==> flow/design.v <==
module gen_multiplier_blk #(
  parameter int NBITS = 20
) (
  input  logic CLK,
  input  logic srst,
  input  logic [NBITS-1:0] in_A,
  input  logic [NBITS-1:0] in_B,
  output logic [2*NBITS-1:0] out_p
);
  logic [NBITS-1:0] A_q;
  logic [NBITS-1:0] B_q;
  always_ff @(posedge CLK or posedge srst) begin
    if (srst) begin
      A_q <= 0;
      B_q <= 0;
    end else begin
      A_q <= in_A;
      B_q <= in_B;
    end
  end
  wire [2*NBITS-1:0] lvl [0:NBITS];
  assign lvl[0] = 0;
  for (genvar k = 0; k < NBITS; k++) begin : u_g
    assign lvl[k+1] = lvl[k] + (B_q[k] ? {{NBITS{1'b0}}, A_q} << k : {2*NBITS{1'b0}});
  end
  assign out_p = lvl[NBITS];
endmodule
Reports on gen_multiplier_blk
What the tools print for gen_multiplier_blk, step after step.
Line numbers count from 1 in the design file above.
Operators: Yosys type, input widths -> output width; for muxes data width and select width s.
Library cell names are shortened.
{"block": "design", "top": "gen_multiplier_blk", "clock": "CLK", "lib": "sky130hd", "corner": "tt_025C_1v80"}

Elaborated design
Yosys after proc, flatten, opt, wreduce and memory -nomap, before mapping. Enables and synchronous resets that opt folds into registers are not counted as muxes. Memory bits, and registers merged into a memory's read port (data or address), are not among the register bits. Print and check cells are not counted. Equal cells are merged and count once.
{"block": "word_totals", "out_inout_bits": 40, "regBits": 40}
{"block": "classes", "addsub": 19, "muxes": 20}
{"block": "ops", "operator": "$add 39x39->40", "n": 1}
{"block": "ops", "operator": "$add 38x38->39", "n": 1}
{"block": "ops", "operator": "$mux 39", "n": 1}
{"block": "ops", "operator": "$add 37x37->38", "n": 1}
{"block": "ops", "operator": "$mux 38", "n": 1}
{"block": "ops", "operator": "$add 36x36->37", "n": 1}
{"block": "ops", "operator": "$mux 37", "n": 1}
{"block": "ops", "operator": "$add 35x35->36", "n": 1}
{"block": "ops", "operator": "$mux 36", "n": 1}
{"block": "ops", "operator": "$add 34x34->35", "n": 1}
{"block": "ops", "operator": "$mux 35", "n": 1}
{"block": "ops", "operator": "$add 33x33->34", "n": 1}
{"block": "ops", "operator": "$mux 34", "n": 1}
{"block": "ops", "operator": "$add 32x32->33", "n": 1}
{"block": "ops", "operator": "$mux 33", "n": 1}
{"block": "ops", "operator": "$add 31x31->32", "n": 1}
{"block": "ops", "operator": "$mux 32", "n": 1}
{"block": "ops", "operator": "$add 30x30->31", "n": 1}
{"block": "ops", "operator": "$mux 31", "n": 1}
{"block": "ops", "operator": "$add 29x29->30", "n": 1}
{"block": "ops", "operator": "$mux 30", "n": 1}
{"block": "ops", "operator": "$add 28x28->29", "n": 1}
{"block": "ops", "operator": "$mux 29", "n": 1}
{"block": "ops", "operator": "$add 27x27->28", "n": 1}
{"block": "ops", "operator": "$mux 28", "n": 1}
{"block": "ops", "operator": "$add 26x26->27", "n": 1}
{"block": "ops", "operator": "$mux 27", "n": 1}
{"block": "ops", "operator": "$add 25x25->26", "n": 1}
Not listed: further kinds 11, cells in them 11.

Longest topological paths
Depth = most cells in a row (Yosys ltp): at word level without a register or memory, in the mapped netlist without a sequential cell, where the memories' decode and read muxes count.
{"block": "depth", "depth_word": 20, "abc_area": 0, "ltp_mapped": 23, "depth_no_buf": 21}

After synthesis
The flow's flattened synthesis, as Yosys stat reports it; memories are mapped. The netlist is that of the ABC_AREA named above (0 if unset); the other value can give another one.
{"block": "synth_totals", "ff_cells": 40, "buffers": 84, "yosys_area_um2": 13990.9, "cells": 1498}
{"block": "by_type", "cell": "fa_1", "n": 326, "area_total_um2": 6.53E+03}
{"block": "by_type", "cell": "ha_1", "n": 143, "area_total_um2": 1.79E+03}
{"block": "by_type", "cell": "inv_1", "n": 311, "area_total_um2": 1167.37}
{"block": "by_type", "cell": "dfrtp_1", "n": 40, "area_total_um2": 1000.96}
{"block": "by_type", "cell": "nand2_1", "n": 263, "area_total_um2": 987.197}
{"block": "by_type", "cell": "and2_1", "n": 157, "area_total_um2": 982.192}
{"block": "by_type", "cell": "clkbuf_1", "n": 82, "area_total_um2": 307.795}
{"block": "by_type", "cell": "xnor2_1", "n": 21, "area_total_um2": 183.926}
{"block": "by_type", "cell": "a21oi_1", "n": 32, "area_total_um2": 160.154}
{"block": "by_type", "cell": "a21o_1", "n": 14, "area_total_um2": 105.101}
{"block": "by_type", "cell": "xor2_1", "n": 10, "area_total_um2": 87.584}
{"block": "by_type", "cell": "o21ai_0", "n": 10, "area_total_um2": 50.048}
{"block": "by_type", "cell": "o21bai_1", "n": 6, "area_total_um2": 45.043}
{"block": "by_type", "cell": "nand2b_1", "n": 6, "area_total_um2": 37.536}
{"block": "by_type", "cell": "nor2_1", "n": 10, "area_total_um2": 37.536}
{"block": "by_type", "cell": "a21oi_2", "n": 4, "area_total_um2": 35.034}
{"block": "by_type", "cell": "nand3_1", "n": 7, "area_total_um2": 35.034}
{"block": "by_type", "cell": "and3_1", "n": 5, "area_total_um2": 31.28}
Other cell types: 33; their cells: 51.

Worst setup path after synthesis
OpenSTA on the mapped netlist: ideal clock, no wires. The path of least setup slack (recovery checks aside). Input and output delay are each 20% of the period. Register names are those of the netlist, which keeps one name where synthesis merged equal registers.
{"block": "synth_timing", "path_kind": "register -> output", "startpoint": "register B_q[14]", "endpoint": "output port out_p[34]", "required_ns": 7.304, "output_delay_ns": 1.826, "driving_pins": 22, "period_ns": 9.13, "arrival_ns": 5.846, "setup_slack_ns": 1.458, "path_delay_ns": 5.846, "n_path_buf": 1, "period_less_setup_slack_ns": 7.672}
"path_delay_ns" is the arrival time less input delay plus setup time.
At an output port there is no setup time.
"driving_pins": output pins that drive a net of the path, with the launching flip-flop's if there is one; two outputs of one cell count as two.
"period_less_setup_slack_ns" = period - worst setup slack (recovery checks aside). The figure is calculated, with input and output delays left at 20% of the set period.
Between the ends stands the longest chain of elaborated cells between them, by number of cells; it is not shown to be the way that was timed. Of several equally long chains one is given.
A line is the first line of the expression or statement that the cell stems from. Yosys adds cells for indexed reads and writes and turns some case tables into memories.
{"block": "synth_via", "cell_sequence": "dfrtp_1 clkbuf_1 and2_1 fa_1 inv_1 fa_1 fa_1 inv_1 fa_1 inv_1 fa_1 inv_1 fa_1 ha_1 ha_1 and3_4 nor2b_4 a2111oi_4 a21oi_2 a21oi_2 o31ai_2 xnor2_1", "elab_chain_cells": 7, "cone_cells": 7, "lines_between": 1, "classes_between": "6 x add/sub; 1 x mux"}
{"block": "synth_lines", "element": "from (decl)", "line": 11, "rtl": "logic [NBITS-1:0] B_q;"}
{"block": "synth_lines", "element": "from (assign)", "line": 15, "rtl": "B_q <= 0;"}
{"block": "synth_lines", "element": "from (assign)", "line": 18, "rtl": "B_q <= in_B;"}
{"block": "synth_lines", "element": "$mux 34", "line": 24, "rtl": "assign lvl[k+1] = lvl[k] + (B_q[k] ? {{NBITS{1'b0}}, A_q} << k : {2*NBITS{1'b0}});"}
{"block": "synth_lines", "element": "$add 34x34->35", "line": 24}
{"block": "synth_lines", "element": "$add 35x35->36", "line": 24}
{"block": "synth_lines", "element": "$add 36x36->37", "line": 24}
{"block": "synth_lines", "element": "$add 37x37->38", "line": 24}
{"block": "synth_lines", "element": "$add 38x38->39", "line": 24}
{"block": "synth_lines", "element": "$add 39x39->40", "line": 24}
{"block": "synth_lines", "element": "to (decl)", "line": 8, "rtl": "output logic [2*NBITS-1:0] out_p"}

Timing after layout
Path of least setup slack in the final report of stored run 1 (OpenROAD, finished layout, wires in). Where an end is a register, its clock arrival counts in the times.
{"block": "layout_timing", "path_kind": "register -> output", "startpoint": "register B_q[14]", "endpoint": "output port out_p[36]", "setup_slack_ns": 0.25, "driving_pins": 23, "required_ns": 7.30, "period_ns": 9.13, "output_delay_ns": 1.83, "n_path_buf": 2, "arrival_ns": 7.06}
Between the ends stands the longest chain of elaborated cells between them, by number of cells; it is not shown to be the way that was timed. Of several equally long chains one is given.
{"block": "layout_via", "cell_sequence": "dfrtp_4 and2_1 fa_1 inv_1 fa_1 fa_1 inv_1 fa_1 inv_1 fa_1 inv_1 fa_1 ha_1 ha_1 and3_4 nor2b_4 a2111oi_4 buf_4 a22o_4 o31ai_2 mux2i_1 o221ai_1 clkdlybuf4s50_1", "elab_chain_cells": 7, "cone_cells": 7, "lines_between": 1, "classes_between": "6 x add/sub; 1 x mux"}
{"block": "layout_lines", "element": "from (decl)", "line": 11, "rtl": "logic [NBITS-1:0] B_q;"}
{"block": "layout_lines", "element": "from (assign)", "line": 15, "rtl": "B_q <= 0;"}
{"block": "layout_lines", "element": "from (assign)", "line": 18, "rtl": "B_q <= in_B;"}
{"block": "layout_lines", "element": "$mux 34", "line": 24, "rtl": "assign lvl[k+1] = lvl[k] + (B_q[k] ? {{NBITS{1'b0}}, A_q} << k : {2*NBITS{1'b0}});"}
{"block": "layout_lines", "element": "$add 34x34->35", "line": 24}
{"block": "layout_lines", "element": "$add 35x35->36", "line": 24}
{"block": "layout_lines", "element": "$add 36x36->37", "line": 24}
{"block": "layout_lines", "element": "$add 37x37->38", "line": 24}
{"block": "layout_lines", "element": "$add 38x38->39", "line": 24}
{"block": "layout_lines", "element": "$add 39x39->40", "line": 24}
{"block": "layout_lines", "element": "to (decl)", "line": 8, "rtl": "output logic [2*NBITS-1:0] out_p"}

Add stored flow runs of gen_multiplier_blk

Top module gen_multiplier_blk; platform sky130hd; tools Yosys and OpenROAD; 3 stored runs in no particular order. Input and output delays are each 20% of the period that was set; the output load is 0.01 pF.
"timing.achieved_period_ns" means the clock period less the worst setup slack. The figure is calculated, with input and output delays left at 20% of the set period.
"timing.worst_path_ns" means the part of the period allowed to the worst setup path (the constraints hold back 20% at inputs and 20% at outputs) less its slack; where the path has registers, the arrival times of their clocks count too.

Stored run 1
==> flow/run.sh <==
#!/bin/bash
# the make line also repeats the synthesis and layout settings of config.mk as NAME=value (left out here)
make -C /OpenROAD-flow-scripts/flow DESIGN_CONFIG=/design/flow/config.mk WORK_HOME=/design/flow/orfs CLKGATE_MAP_FILE= finish
==> flow/config.mk <==
export PLATFORM = sky130hd
export DESIGN_NAME = gen_multiplier_blk
export DESIGN_NICKNAME = gen_multiplier_blk
export VERILOG_FILES = /design/flow/design.v
export SDC_FILE = /design/flow/constraint.sdc
export NUM_CORES = 4
export LEC_CHECK = 0
export CAP_MARGIN = 20
export CORE_MARGIN = 2
export CORE_UTILIZATION = 40
export SLEW_MARGIN = 20
==> flow/constraint.sdc <==
create_clock -name core_clock -period 9.13 [get_ports {CLK}]
set_input_delay 1.8260 -clock core_clock [delete_from_list [all_inputs] [get_ports {CLK}]]
set_output_delay 1.8260 -clock core_clock [all_outputs]
set_load 0.01 [all_outputs]

==> results of stored run 1, as JSON <==
{
  "synth_area_um2": 13990.9,
  "die_footprint_um2": 36488.6,
  "stdcell_area_um2": 15711.3,
  "post_route_util_pct": 45.6,
  "setup_worst_slack_ns": 0.247,
  "setup_tns_ns": 0.000,
  "timing.achieved_period_ns": 8.883,
  "timing.worst_path_ns": 7.06,
  "worstPathKind": "register -> output"
}

Stored run 2
==> flow/run.sh <==
#!/bin/bash
# the make line also repeats the synthesis and layout settings of config.mk as NAME=value (left out here)
make -C /OpenROAD-flow-scripts/flow DESIGN_CONFIG=/design/flow/config.mk WORK_HOME=/design/flow/orfs CLKGATE_MAP_FILE= finish
==> flow/config.mk <==
export PLATFORM = sky130hd
export DESIGN_NAME = gen_multiplier_blk
export DESIGN_NICKNAME = gen_multiplier_blk
export VERILOG_FILES = /design/flow/design.v
export SDC_FILE = /design/flow/constraint.sdc
export NUM_CORES = 4
export LEC_CHECK = 0
export CAP_MARGIN = 20
export CORE_MARGIN = 2
export CORE_UTILIZATION = 55
export CTS_CLUSTER_DIAMETER = 132
export MAX_ROUTING_LAYER = met4
export PLACE_DENSITY_LB_ADDON = 0.0
export SETUP_SLACK_MARGIN = 1.15
export SLEW_MARGIN = 20
export TNS_END_PERCENT = 40
==> flow/constraint.sdc <==
create_clock -name core_clock -period 7.92 [get_ports {CLK}]
set_input_delay 1.5840 -clock core_clock [delete_from_list [all_inputs] [get_ports {CLK}]]
set_output_delay 1.5840 -clock core_clock [all_outputs]
set_load 0.01 [all_outputs]

==> results of stored run 2, as JSON <==
{
  "synth_area_um2": 13990.9,
  "die_footprint_um2": 26730.6,
  "stdcell_area_um2": 18172.4,
  "post_route_util_pct": 72.4,
  "setup_worst_slack_ns": -0.004,
  "setup_tns_ns": -0.007,
  "timing.achieved_period_ns": 7.924,
  "timing.worst_path_ns": 6.34,
  "worstPathKind": "register -> output"
}

Stored run 3
==> flow/run.sh <==
#!/bin/bash
# the make line also repeats the synthesis and layout settings of config.mk as NAME=value (left out here)
make -C /OpenROAD-flow-scripts/flow DESIGN_CONFIG=/design/flow/config.mk WORK_HOME=/design/flow/orfs CLKGATE_MAP_FILE= finish
==> flow/config.mk <==
export PLATFORM = sky130hd
export DESIGN_NAME = gen_multiplier_blk
export DESIGN_NICKNAME = gen_multiplier_blk
export VERILOG_FILES = /design/flow/design.v
export SDC_FILE = /design/flow/constraint.sdc
export NUM_CORES = 4
export LEC_CHECK = 0
export ABC_AREA = 1
export CAP_MARGIN = 20
export CELL_PAD_IN_SITES_GLOBAL_PLACEMENT = 2
export CORE_MARGIN = 2
export CORE_UTILIZATION = 35
export GPL_ROUTABILITY_DRIVEN = 0
export MAX_ROUTING_LAYER = met4
export PLACE_DENSITY = 0.69
export SLEW_MARGIN = 20
==> flow/constraint.sdc <==
create_clock -name core_clock -period 9.35 [get_ports {CLK}]
set_input_delay 1.8700 -clock core_clock [delete_from_list [all_inputs] [get_ports {CLK}]]
set_output_delay 1.8700 -clock core_clock [all_outputs]
set_load 0.01 [all_outputs]

==> results of stored run 3, as JSON <==
{
  "synth_area_um2": 14797.9,
  "die_footprint_um2": 43940.5,
  "stdcell_area_um2": 16409.5,
  "post_route_util_pct": 39.2,
  "setup_worst_slack_ns": 0.518,
  "setup_tns_ns": 0.000,
  "timing.achieved_period_ns": 8.832,
  "timing.worst_path_ns": 6.96,
  "worstPathKind": "register -> output"
}
